==> flow/design.v <==
module gen_summer_p (core_clk, clr, arg0, arg1, arg2, q);
  parameter integer NBITS = 72;
  input core_clk;
  input clr;
  input [NBITS-1:0] arg0;
  input [NBITS-1:0] arg1;
  input [NBITS-1:0] arg2;
  output [NBITS+1:0] q;
  reg [NBITS-1:0] arg0_s;
  reg [NBITS-1:0] arg1_s;
  reg [NBITS-1:0] arg2_s;
  always @(posedge core_clk or posedge clr) begin
    if (clr) begin
      arg0_s <= 0;
      arg1_s <= 0;
      arg2_s <= 0;
    end else begin
      arg0_s <= arg0;
      arg1_s <= arg1;
      arg2_s <= arg2;
    end
  end
  assign q = arg0_s + arg1_s + arg2_s;
endmodule
=== Step by step through the tools: gen_summer_p ===
What the tools print for gen_summer_p, step after step.
Line numbers count from 1 in the design file above.
Operators carry their Yosys type and port widths (W data, S select, Z words).
Library cell names are shortened.
A cell with - has no value.

* Design top: gen_summer_p
* Clock input: core_clk
* Library: sky130hd
* Corner: tt_025C_1v80

=== Word-level counts ===
Counts by Yosys on the flattened word-level netlist (proc, flatten, opt, wreduce; memories kept). Register bits leave out memories and registers merged into their read ports (data or address); mux counts leave out enables and synchronous resets folded into registers. Print and check cells are left out. Cells with the same type and inputs are merged into one.

* Add/subtract/negate cells: 2

{| class="wikitable"
|+ Operators with widths
! cell !! count
|-
| $add A73 B72 Y74 || 1
|-
| $add A72 B72 Y73 || 1
|}

* Register bits after elaboration: 216
* Word-level cells: 5

=== Logic depth ===
Depth = most cells in a row (Yosys ltp): at word level without a register or memory, in the mapped netlist without a sequential cell, where the memories' decode and read muxes count.

* Depth after elaboration: 2
* ABC_AREA: 1
* Gate-level depth with buffers: 17
* Depth with buffers taken out: 17

=== After synthesis ===
Source: synth_stat.txt of the flow (Yosys; design flattened, memories mapped). It holds for the ABC_AREA given above (unset counts as 0); a run with the other value may have another netlist.
Totals and module areas in this step are rounded.

{| class="wikitable"
|+ Cells by type
! cell !! count !! total area (µm²)
|-
| dfrtp_1 || 216 || 5.41E+03
|-
| nand2_1 || 498 || 1.87E+03
|-
| fa_1 || 73 || 1.46E+03
|-
| inv_1 || 283 || 1.06E+03
|-
| ha_1 || 71 || 888.352
|-
| nor2_1 || 121 || 454.186
|-
| a21oi_1 || 80 || 400.384
|-
| xor2_1 || 36 || 315.302
|-
| nand2_2 || 42 || 262.752
|-
| nand3_1 || 46 || 230.221
|-
| o21ai_0 || 36 || 180.173
|-
| nor3_1 || 22 || 110.106
|-
| nand3_2 || 10 || 100.096
|-
| nor2_2 || 13 || 81.328
|-
| nand2_4 || 4 || 45.043
|-
| nor2_4 || 3 || 33.782
|-
| o21bai_1 || 4 || 30.029
|-
| xnor2_1 || 3 || 26.275
|}

Other cell types: 11; their cells: 22.

* Mapped cells: 1583
* Cell area after synthesis: 13100 µm²
* Flip-flops: 216
* Buffer cells: 0

=== Path before layout ===
Path of least setup slack by OpenSTA after synthesis, without wires, with an ideal clock, recovery checks aside; 20% of the period is set as input and as output delay. Where synthesis merged equal registers, the netlist keeps one of their names.

* Kind: reg2out
* From: register arg0_s[1]
* To: output q[41]
* Period: 5.05 ns
* Data arrival time: 2.437 ns
* Setup slack: 1.603 ns
* Path delay: 2.437 ns
* Driving pins on the path: 13
* Buffers on the path: 0
* Synthesis period reached: 3.447 ns

"path delay" is the arrival time less input delay plus setup time.
At an output port there is no setup time.
"driving pins on the path": output pins that drive a net of the path, with the launching flip-flop's if there is one; two outputs of one cell count as two.
"synthesis period reached" = period - worst setup slack (recovery checks aside). The figure is calculated, with input and output delays left at 20% of the set period.
Between the ends stands the longest chain of elaborated cells between them, by number of cells; it is not shown to be the way that was timed. Of several equally long chains one is given.
A line is the first line of the expression or statement that the cell stems from. Yosys adds cells for indexed reads and writes and turns some case tables into memories.

* Cell sequence: dfrtp_1 > fa_1 > ha_1 > fa_1 > nand3_1 > nand3_1 > nand2_1 > nand3_1 > nand2_1 > nand3_2 > nand2_1 > nand2_1 > xor2_1
* Cells in the longest elaborated chain: 2

{| class="wikitable"
|+ RTL lines, path after synthesis
! item !! line !! source
|-
| start: declaration || 9 || <nowiki>reg [NBITS-1:0] arg0_s;</nowiki>
|-
| start: assignment || 14 || <nowiki>arg0_s <= 0;</nowiki>
|-
| start: assignment || 18 || <nowiki>arg0_s <= arg0;</nowiki>
|-
| $add A72 B72 Y73 || 23 || <nowiki>assign q = arg0_s + arg1_s + arg2_s;</nowiki>
|-
| $add A73 B72 Y74 || 23 ||
|-
| end: declaration || 8 || <nowiki>output [NBITS+1:0] q;</nowiki>
|}

=== Timing after layout ===
From the final timing report of run 1: the path of least setup slack in the routed layout; clock arrival at registers is part of the times.

* Kind: reg2out
* From: register arg0_s[12]
* To: output q[39]
* Period: 2.5 ns
* Data arrival time: 3.11 ns
* Setup slack: -1.11 ns
* Driving pins on the path: 15
* Buffers on the path: 3

Between the ends stands the longest chain of elaborated cells between them, by number of cells; it is not shown to be the way that was timed. Of several equally long chains one is given.

* Cell sequence: dfrtp_1 > fa_2 > ha_4 > nand2_4 > buf_6 > nor2_4 > nand2_1 > nor2_1 > nand2_2 > nand3_4 > nand2_4 > nand2_8 > buf_12 > xor2_4 > buf_6
* Cells in the longest elaborated chain: 2

{| class="wikitable"
|+ RTL lines, path after layout
! item !! line !! source
|-
| start: declaration || 9 || <nowiki>reg [NBITS-1:0] arg0_s;</nowiki>
|-
| start: assignment || 14 || <nowiki>arg0_s <= 0;</nowiki>
|-
| start: assignment || 18 || <nowiki>arg0_s <= arg0;</nowiki>
|-
| $add A72 B72 Y73 || 23 || <nowiki>assign q = arg0_s + arg1_s + arg2_s;</nowiki>
|-
| $add A73 B72 Y74 || 23 ||
|-
| end: declaration || 8 || <nowiki>output [NBITS+1:0] q;</nowiki>
|}

Ticket comment

Top module gen_summer_p; platform sky130hd; tools Yosys and OpenROAD; 3 stored runs in no particular order. Input and output delays are each 20% of the period that was set; the output load is 0.01 pF.
"reached clock period": clock period set for the run, less the worst setup slack. It is reckoned from that one timing run; input and output delays stay at 20% of the period that was set.
By "time used up by the worst setup path" is meant the share of the clock period that the worst setup path is allowed (20% is reserved at inputs, 20% at outputs), minus its slack. Clock arrival times at its registers enter into it.
Measured values are rounded.

=== Run 1 ===
{| class="wikitable"
! Setting !! Value
|-
| period_ns || 2.5
|-
| CORE_UTILIZATION || 22
|-
| SETUP_SLACK_MARGIN || -0.18
|-
| PLACE_DENSITY_LB_ADDON || 0.2
|-
| CORE_ASPECT_RATIO || 1.38
|-
| CORE_MARGIN || 6
|-
| TNS_END_PERCENT || 45
|-
| ABC_AREA || 1
|-
| CAP_MARGIN || 20
|-
| SLEW_MARGIN || 20
|-
! Result !! Value
|-
| Final setup TNS || -68.5 ns
|-
| Overall die area || 65600 µm²
|-
| Reached clock period || 3.613 ns
|-
| Yosys chip area after synthesis || 13100 µm²
|-
| Time used up by the worst setup path || 3.11 ns
|-
| Type of the worst setup path || reg2out
|-
| Worst setup slack after layout || -1.11 ns
|-
| Utilization after routing || 0.389
|}

=== Run 2 ===
{| class="wikitable"
! Setting !! Value
|-
| period_ns || 5.05
|-
| CAP_MARGIN || 20
|-
| CORE_MARGIN || 2
|-
| CORE_UTILIZATION || 40
|-
| SLEW_MARGIN || 20
|-
! Result !! Value
|-
| Reached clock period || 5.071 ns
|-
| Time used up by the worst setup path || 4.06 ns
|-
| Type of the worst setup path || reg2out
|-
| Final setup TNS || -0.027 ns
|-
| Yosys chip area after synthesis || 11300 µm²
|-
| Overall die area || 29700 µm²
|-
| Worst setup slack after layout || -0.021 ns
|-
| Utilization after routing || 0.59
|}

=== Run 3 ===
{| class="wikitable"
! Setting !! Value
|-
| period_ns || 2.58
|-
| CORE_UTILIZATION || 18
|-
| SETUP_SLACK_MARGIN || 0.2
|-
| PLACE_DENSITY_LB_ADDON || 0.29
|-
| CORE_ASPECT_RATIO || 0.85
|-
| CELL_PAD_IN_SITES_DETAIL_PLACEMENT || 2
|-
| TNS_END_PERCENT || 95
|-
| ABC_AREA || 0
|-
| GPL_TIMING_DRIVEN || 0
|-
| CTS_CLUSTER_SIZE || 45
|-
| CAP_MARGIN || 5
|-
| SLEW_MARGIN || 30
|-
| CORE_MARGIN || 2
|-
! Result !! Value
|-
| Utilization after routing || 0.299
|-
| Yosys chip area after synthesis || 11300 µm²
|-
| Reached clock period || 4.773 ns
|-
| Overall die area || 64900 µm²
|-
| Final setup TNS || -119 ns
|-
| Worst setup slack after layout || -2.19 ns
|-
| Time used up by the worst setup path || 4.26 ns
|-
| Type of the worst setup path || reg2out
|}
